==> flow/design.v <==
module ex_sum_block_rtl #(
  parameter int WIDTH = 128
) (
  input  logic CLK,
  input  logic [WIDTH-1:0] i_A,
  input  logic [WIDTH-1:0] i_B,
  input  logic i_ci,
  output logic [WIDTH-1:0] o_q,
  output logic o_cout
);
  logic [WIDTH-1:0] A_r;
  logic [WIDTH-1:0] B_r;
  logic ci_r;
  always_ff @(posedge CLK) begin
    A_r <= i_A;
    B_r <= i_B;
    ci_r <= i_ci;
  end
  logic [WIDTH:0] tmp;
  assign tmp = A_r + B_r + ci_r;
  assign o_q = tmp[WIDTH-1:0];
  assign o_cout = tmp[WIDTH];
endmodule
# From RTL to reports: ex_sum_block_rtl
# The steps from the RTL of ex_sum_block_rtl to its reports follow in flow order.
# Lines are those of the file above, counted from 1.
# Operators carry their Yosys type and port widths (W data, S select, Z words).
# Library cell names are shortened.
# The mark - stands for no value.
# setup
top_module	ex_sum_block_rtl
clk_port	CLK
cell_library	sky130hd
lib_corner	tt_025C_1v80

# After elaboration
# Counts by Yosys on the flattened word-level netlist (proc, flatten, opt, wreduce; memories kept). Register bits leave out memories and registers merged into their read ports (data or address); mux counts leave out enables and synchronous resets folded into registers. Print and check cells are left out. Cells with the same type and inputs are merged into one.
# classes
add_sub_neg	2
# ops
op	count
$add A128 B128 Y129	1
$add A129 B1 Y129	1
# bits
ff_bits	257
inputBits	258
output_inout_bits	129
wordCells	5

# Longest topological paths
# Longest topological path by Yosys (ltp), each cell counted once; first at word level (registers and memories cut), then after technology mapping (sequential cells cut; the memories' decode and read muxes count).
# logic_depth
ltp_word	2
ABC_AREA	0
mapped_depth	14
depth_no_buf	14

# Netlist
# Source: synth_stat.txt of the flow (Yosys; design flattened, memories mapped). It holds for the ABC_AREA given above (unset counts as 0); a run with the other value may have another netlist.
# types
cell_type	count	area_total_um2
dfxtp_1	257	5.14E+03
ha_1	127	1.59E+03
a21oi_1	193	965.926
xnor2_1	82	718.189
nand2_1	139	521.75
o21ai_0	104	520.499
nand4_1	68	425.408
nor2_1	108	405.389
xor2_1	41	359.094
a21o_1	46	345.331
o21bai_1	41	307.795
clkbuf_1	51	191.434
inv_1	36	135.13
o21a_1	18	135.13
nor3_1	23	115.11
a21boi_0	15	112.608
a31oi_1	16	100.096
nand3_1	17	85.082
# Not listed: further types 47, cells in them 151.
# synth_totals
cell_count	1533
mapped_area_mm2	0.0134254
sequential_area_mm2	0.0051449
flip_flops	257
n_buf	64

# Worst setup path after synthesis
# OpenSTA on the mapped netlist: ideal clock, no wires. The path of least setup slack (recovery checks aside). Input and output delay are each 20% of the period. Register names are those of the netlist, which keeps one name where synthesis merged equal registers.
# synth_path
path_type	register to output
startpoint	register A_r[0]
endpoint	output o_q[116]
clock_period_ns	5.33
output_delay_ns	1.066
launch_ns	0.000
t_arrival_ns	3.412
t_required_ns	4.264
slack_ns	0.852
delay_ns	3.412
path_stages	15
n_path_buf	0
period_less_setup_slack_ns	4.478
# "delay_ns" is the arrival time less input delay plus setup time.
# At an output port there is no setup time.
# "path_stages": output pins that drive a net of the path, with the launching flip-flop's if there is one; two outputs of one cell count as two.
# "period_less_setup_slack_ns" = period - worst setup slack (recovery checks aside). The figure is calculated, with input and output delays left at 20% of the set period.
# The rows between start and end are the longest chain of elaborated cells between them; the timing report does not say that the signal goes this way. Where chains are equally long, one stands for them.
# Each line given opens the expression or statement behind the cell; cells for indexed reads and writes are added by Yosys, which also makes memories of some case tables.
# synth_between
path_cell_list	dfxtp_1 > fa_1 > fa_1 > a211oi_1 > o21a_1 > o311ai_1 > o21ai_2 > o22ai_1 > o31ai_2 > o221a_2 > nor2_1 > a31oi_2 > o21a_1 > o21ai_1 > xor2_1
elab_chain_cells	2
cone_cells	2
cone_lines	1
cone_classes	2 x add/sub
# synth_lines
item	line	source
start, declared	11	logic [WIDTH-1:0] A_r;
start, assigned	15	A_r <= i_A;
$add A128 B128 Y129	20	assign tmp = A_r + B_r + ci_r;
$add A129 B1 Y129	20
end, declared	8	output logic [WIDTH-1:0] o_q,

# Worst path after layout
# From the final timing report of run 2: the path of least setup slack in the routed layout; clock arrival at registers is part of the times.
# layout_path
path_type	register to output
startpoint	register A_r[0]
endpoint	output o_q[116]
clock_period_ns	3.83
output_delay_ns	0.77
launch_ns	0.57
t_arrival_ns	4.32
t_required_ns	3.06
slack_ns	-1.26
path_stages	17
n_path_buf	2
# The rows between start and end are the longest chain of elaborated cells between them; the timing report does not say that the signal goes this way. Where chains are equally long, one stands for them.
# layout_between
path_cell_list	dfxtp_2 > fa_2 > fa_2 > a211oi_4 > o21a_1 > o311ai_2 > o21ai_2 > buf_6 > o22ai_2 > o31ai_2 > o221a_2 > nor2_2 > a31oi_4 > o21a_4 > o21ai_1 > xor2_1 > buf_2
elab_chain_cells	2
cone_cells	2
cone_lines	1
cone_classes	2 x add/sub
# layout_lines
item	line	source
start, declared	11	logic [WIDTH-1:0] A_r;
start, assigned	15	A_r <= i_A;
$add A128 B128 Y129	20	assign tmp = A_r + B_r + ci_r;
$add A129 B1 Y129	20
end, declared	8	output logic [WIDTH-1:0] o_q,

# Measured results for ex_sum_block_rtl: 3 stored runs of the Yosys and OpenROAD flow on sky130hd. The settings differ; the order carries no meaning. The constraints put input and output delay at 20% of the set period each and load the outputs with 0.01 pF.
# "timing.achieved_period_ns" = clock period - worst setup slack. The figure is calculated, with input and output delays left at 20% of the set period.
# "worst_setup_path_time_ns" is the time allowed to the run's worst setup path (the clock period less input and output delay, where it has them) less its slack. Clock arrival times count: a late capture clock shortens it, a late launch clock lengthens it.
# "design_power_w": no workload was simulated; the value follows from the tool's default switching activity.
# Settings: n/a = not set for that run.
# Among the results, n/a means that no value is shown for the run.
setting or result,run 1,run 2,run 3
period_ns,3.47,3.83,5.33
CORE_UTILIZATION,42,39,40
PLACE_DENSITY,0.84,n/a,n/a
CORE_ASPECT_RATIO,1.65,n/a,n/a
GPL_ROUTABILITY_DRIVEN,0,n/a,n/a
CTS_CLUSTER_SIZE,93,n/a,n/a
CAP_MARGIN,20,20,20
CORE_MARGIN,2,2,2
SLEW_MARGIN,20,20,20
SETUP_SLACK_MARGIN,n/a,-0.28,n/a
HOLD_SLACK_MARGIN,n/a,0.07,n/a
TNS_END_PERCENT,n/a,35,n/a
GPL_TIMING_DRIVEN,n/a,0,n/a
MIN_ROUTING_LAYER,n/a,met2,n/a
cell_area_final_mm2,n/a,0.020362,0.0193561
final_hold_ws_ns,n/a,0.611,0.950
timing.setup.tns_ns,n/a,-93.832,0.000
worst_setup_path_time_ns,n/a,4.32,4.15
worst_path_kind,n/a,register to output,register to output
synth_chip_area_mm2,n/a,0.0134254,0.0134254
timing.achieved_period_ns,n/a,5.088,5.212
final_setup_ws_ns,n/a,-1.258,0.118
final_die_area_mm2,n/a,0.0359235,0.0350457
design_power_w,n/a,0.008746,0.006109
utilization_pct,n/a,60.4,58.2
# Run 1: stopped before the end: routing reported GRT-0232
